==> flow/design.v <==
module reg_word #(parameter N = 8) (
  input wire clk,
  input wire en,
  input wire [N-1:0] d,
  output reg [N-1:0] q
);
  always @(posedge clk)
    if (en) q <= d;
endmodule
module dp_reg_file_v2 #(
  parameter ENTRIES = 10,
  parameter DATA_W = 12,
  parameter N_READ = 1,
  parameter ADDR_W = $clog2(ENTRIES)
) (
  input  wire aclk,
  input  wire wr_i,
  input  wire [ADDR_W-1:0] wr_idx_i,
  input  wire [DATA_W-1:0] write_data_i,
  input  wire [N_READ*ADDR_W-1:0] rsel_i,
  output wire [N_READ*DATA_W-1:0] dout_o
);
  reg wr_ff;
  reg [ADDR_W-1:0] wr_idx_ff;
  reg [DATA_W-1:0] write_data_ff;
  always @(posedge aclk) begin
    wr_ff <= wr_i;
    wr_idx_ff <= wr_idx_i;
    write_data_ff <= write_data_i;
  end
  wire [ENTRIES*DATA_W-1:0] mem;
  genvar k;
  generate
    for (k = 0; k < ENTRIES; k = k + 1) begin : lane
      reg_word #(.N(DATA_W)) u (.clk(aclk), .en(wr_ff && wr_idx_ff == k), .d(write_data_ff), .q(mem[k*DATA_W +: DATA_W]));
    end
  endgenerate
  reg [N_READ*ADDR_W-1:0] rsel_ff;
  always @(posedge aclk) begin
    rsel_ff <= rsel_i;
  end
  wire [N_READ*DATA_W-1:0] nxt;
  genvar gj;
  generate
    for (gj = 0; gj < N_READ; gj = gj + 1) begin : g_bit
      assign nxt[gj*DATA_W +: DATA_W] = mem[rsel_ff[gj*ADDR_W +: ADDR_W]*DATA_W +: DATA_W];
    end
  endgenerate
  reg [N_READ*DATA_W-1:0] dout_ff;
  always @(posedge aclk) begin
    dout_ff <= nxt;
  end
  assign dout_o = dout_ff;
endmodule
Hand-over note for dp_reg_file_v2

Step by step through the tools: dp_reg_file_v2
Tool output for the members of one design family, told apart by "N_READ", in the order of the flow.
The file above is the member N_READ=1. Line numbers count from 1 in each member's own file.
Operators carry their Yosys type and port widths (W data, S select, Z words).
Cell names lack the library's common part.
A cell with -- has no value.

inputs
  design top = dp_reg_file_v2
  clock = aclk
  library = sky130hd
  corner = tt_025C_1v80

Members of the sweep
New or changed lines of each further member against the RTL above, in its own file; lines it lacks are not shown.

lines new or changed
  N_READ  RTL line  text
  4       13        parameter N_READ = 4,
  5       13        parameter N_READ = 5,
  6       13        parameter N_READ = 6,

Word level
Source: Yosys, flattened and elaborated, memories not mapped. Widths are those after wreduce; folded enables and synchronous resets count as part of the registers. Registers that Yosys merges into a memory's read port (data or address) are not register bits. Print and check cells do not count. Equal cells are merged and count once.

cells by class
  N_READ  multiply operators  eq/ne operators  shift operators  reductions and logical operators
  1       1                   9                1                11
  4       4                   9                4                11
  5       5                   9                5                11
  6       6                   9                6                11

operators with widths
  N_READ  kinds with counts
  1       $shiftx A120 B9 Y12: 1; $eq A4 B3 Y1 const B: 4; $mul A4 B2 Y6 const B: 1; $logic_and A1 B1 Y1: 10; $eq A4 B2 Y1 const B: 2; $eq A4 B4 Y1 const B: 2; $eq A4 B1 Y1 const B: 1; $logic_not A4 Y1: 1
  4       $shiftx A120 B9 Y12: 4; $mul A4 B2 Y6 const B: 4; $eq A4 B3 Y1 const B: 4; $logic_and A1 B1 Y1: 10; $eq A4 B2 Y1 const B: 2; $eq A4 B4 Y1 const B: 2; $eq A4 B1 Y1 const B: 1; $logic_not A4 Y1: 1
  5       $shiftx A120 B9 Y12: 5; $mul A4 B2 Y6 const B: 5; $eq A4 B3 Y1 const B: 4; $logic_and A1 B1 Y1: 10; $eq A4 B2 Y1 const B: 2; $eq A4 B4 Y1 const B: 2; $eq A4 B1 Y1 const B: 1; $logic_not A4 Y1: 1
  6       $shiftx A120 B9 Y12: 6; $mul A4 B2 Y6 const B: 6; $eq A4 B3 Y1 const B: 4; $logic_and A1 B1 Y1: 10; $eq A4 B2 Y1 const B: 2; $eq A4 B4 Y1 const B: 2; $eq A4 B1 Y1 const B: 1; $logic_not A4 Y1: 1

storage and ports
  N_READ  bits in registers  input port bits  output and inout port bits  cells after elaboration
  1       153                22               12                          37
  4       201                34               48                          43
  5       217                38               60                          45
  6       233                42               72                          47

Logic depth
Longest topological path by Yosys (ltp), each cell counted once; first at word level (registers and memories cut), then after technology mapping (sequential cells cut; the memories' decode and read muxes count).

depth
  N_READ  word-level depth  ABC_AREA  depth in mapped cells  mapped depth without buffers
  1       2                 0         5                      3
  4       2                 0         5                      3
  5       2                 0         5                      3
  6       2                 0         5                      3

Synthesis result
Source: synth_stat.txt of the flow (Yosys; design flattened, memories mapped). It holds for the ABC_AREA given above (unset counts as 0); a run with the other value may have another netlist.

cells by type
  N_READ  type and count
  1       edfxtp_1: 120; dfxtp_1: 33; mux2_2: 36; mux4_2: 7; mux4_1: 5; o31ai_1: 11; o22ai_1: 12; nor2_1: 19; nand2_1: 14; buf_2: 5; buf_6: 2; buf_12: 1; nand2b_1: 3; nand3b_1: 2; nor3_1: 3; o31ai_2: 1; or3b_2: 1; buf_4: 1; [+3]
  4       edfxtp_1: 120; dfxtp_1: 81; mux2_2: 144; mux4_2: 28; mux4_1: 20; o31ai_1: 43; o22ai_1: 48; nor2_1: 55; nand2_1: 53; buf_2: 23; buf_6: 8; buf_12: 4; o31ai_2: 5; nand2b_1: 6; buf_4: 4; nor3b_1: 4; clkbuf_1: 5; nand3b_1: 2; [+4]
  5       edfxtp_1: 120; mux2_2: 180; dfxtp_1: 97; mux4_2: 35; mux4_1: 25; o31ai_1: 54; o22ai_1: 60; nor2_1: 67; nand2_1: 66; buf_2: 29; buf_6: 10; buf_12: 5; o31ai_2: 6; nand2b_1: 7; buf_4: 5; nor3b_1: 5; clkbuf_1: 6; nand3b_1: 2; [+4]
  6       edfxtp_1: 120; mux2_2: 216; dfxtp_1: 113; mux4_2: 42; mux4_1: 30; o31ai_1: 67; o22ai_1: 72; nand2_1: 79; nor2_1: 79; buf_2: 35; buf_6: 12; buf_12: 6; o31ai_2: 5; nand2b_1: 8; buf_4: 6; nor3b_1: 6; clkbuf_1: 7; nand3b_1: 2; [+4]

A list marked [+n] leaves out that many cells.

synthesis totals
  N_READ  mapped cells  chip area (Yosys) (sq um)  sequential area (sq um)  flip-flop cells  buffers
  1       279           5400.2                     4264.1                   153              11
  4       657           9534.1                     5225.0                   201              44
  5       783           10910.5                    5545.3                   217              55
  6       909           12276.8                    5865.6                   233              66

The figures by module come from a second, unflattened synthesis with its own total; it is not the netlist above.

second synthesis, totals
  N_READ  cells (unflattened synthesis)  area total of the unflattened synthesis (sq um)
  1       279                            5400.2
  4       657                            9519.1
  5       783                            10900.5
  6       909                            12266.8

Timing after synthesis
OpenSTA on the mapped netlist: ideal clock, no wires. The path of least setup slack (recovery checks aside). Input and output delay are each 20% of the period. Register names are those of the netlist, which keeps one name where synthesis merged equal registers.

timing path post-synthesis
  N_READ  kind     from       to                  clock period (ns)  setup slack (ns)  driving pins on the path  path delay (ns)  synthesis period reached (ns)
  1       reg2reg  reg wr_ff  reg lane[0].u.q[0]  2.6                0.522             3                         2.078            2.078
  4       reg2reg  reg wr_ff  reg lane[0].u.q[0]  2.6                0.522             3                         2.078            2.078
  5       reg2reg  reg wr_ff  reg lane[0].u.q[0]  2.6                0.522             3                         2.078            2.078
  6       reg2reg  reg wr_ff  reg lane[0].u.q[0]  2.6                0.522             3                         2.078            2.078

"path delay" is the arrival time less input delay plus setup time.
"driving pins on the path": output pins that drive a net of the path, with the launching flip-flop's if there is one; two outputs of one cell count as two.
"synthesis period reached" = period - worst setup slack (recovery checks aside). The figure is calculated, with input and output delays left at 20% of the set period.
Between the ends stands the longest chain of elaborated cells between them, by number of cells; it is not shown to be the way that was timed. Of several equally long chains one is given.
A line is the first line of the expression or statement that the cell stems from. Yosys adds cells for indexed reads and writes and turns some case tables into memories.

on the way, post-synthesis, N_READ=1
  cells in the longest elaborated chain = 1

ends and longest elaborated chain, post-synthesis, N_READ=1
  what                 RTL line  text
  start: declaration   23        reg wr_ff;
  start: assignment    27        wr_ff <= wr_i;
  $logic_and A1 B1 Y1  35        reg_word #(.N(DATA_W)) u (.clk(aclk), .en(wr_ff && wr_idx_ff == k), .d(write_data_ff), .q(mem[k*DATA_W +: DATA ...
  end: assignment      8         if (en) q <= d;
  end: declaration     5         output reg [N-1:0] q

on the way, post-synthesis, N_READ=6
  cells in the longest elaborated chain = 1

ends and longest elaborated chain, post-synthesis, N_READ=6
  what                 RTL line  text
  start: declaration   23        reg wr_ff;
  start: assignment    27        wr_ff <= wr_i;
  $logic_and A1 B1 Y1  35        reg_word #(.N(DATA_W)) u (.clk(aclk), .en(wr_ff && wr_idx_ff == k), .d(write_data_ff), .q(mem[k*DATA_W +: DATA ...
  end: assignment      8         if (en) q <= d;
  end: declaration     5         output reg [N-1:0] q

Timing after layout
From the final timing report of each member's run: the path of least setup slack in the routed layout; clock arrival at registers is part of the times.

timing path post-layout
  N_READ  kind     from             to               clock period (ns)  setup slack (ns)  driving pins on the path  arrival time (ns)  path buffers
  1       reg2out  reg dout_ff[4]   out dout_o[4]    2.6                0.79              2                         1.29               1
  4       reg2out  reg dout_ff[39]  out dout_o[39]   2.6                0.63              2                         1.45               1
  5       reg2reg  reg rsel_ff[2]   reg dout_ff[11]  2.6                0.59              5                         2.44               1
  6       reg2reg  reg rsel_ff[5]   reg dout_ff[13]  2.6                0.53              5                         2.45               1

Measured runs
Settings and results of one run of the flow (Yosys, OpenROAD) for each member follow. The constraints put input and output delay at 20% of the set period each and load the outputs with 0.01 pF.

settings
  period_ns = 2.6
  CAP_MARGIN = 20
  CORE_MARGIN = 2
  CORE_UTILIZATION = 40
  SLEW_MARGIN = 20

final reports
  N_READ  mapped cell area after synthesis (sq um)  die outline area (sq um)  standard-cell area of the final layout (sq um)  utilization after layout  worst setup slack after layout (ns)  setup TNS (ns)  worst hold slack in the final report (ns)  overall power (uW)  clock period reached (ns)
  1       5400.2                                    14445.6                   6608.8                                          0.501                     0.792                                0.000           0.542                                      5383                1.808
  4       9534.1                                    25085.8                   11631.2                                         0.497                     0.634                                0.000           0.453                                      7718                1.966
  5       10910.5                                   28613.4                   13272.7                                         0.494                     0.594                                0.000           0.434                                      8316                2.006
  6       12276.8                                   32109.1                   14933.1                                         0.491                     0.531                                0.000           0.426                                      9107                2.069

"clock period reached" means the clock period less the worst setup slack. The figure is calculated, with input and output delays left at 20% of the set period.
"overall power" rests on the timing tool's default activity at the inputs, not on a simulated workload.

End of note.
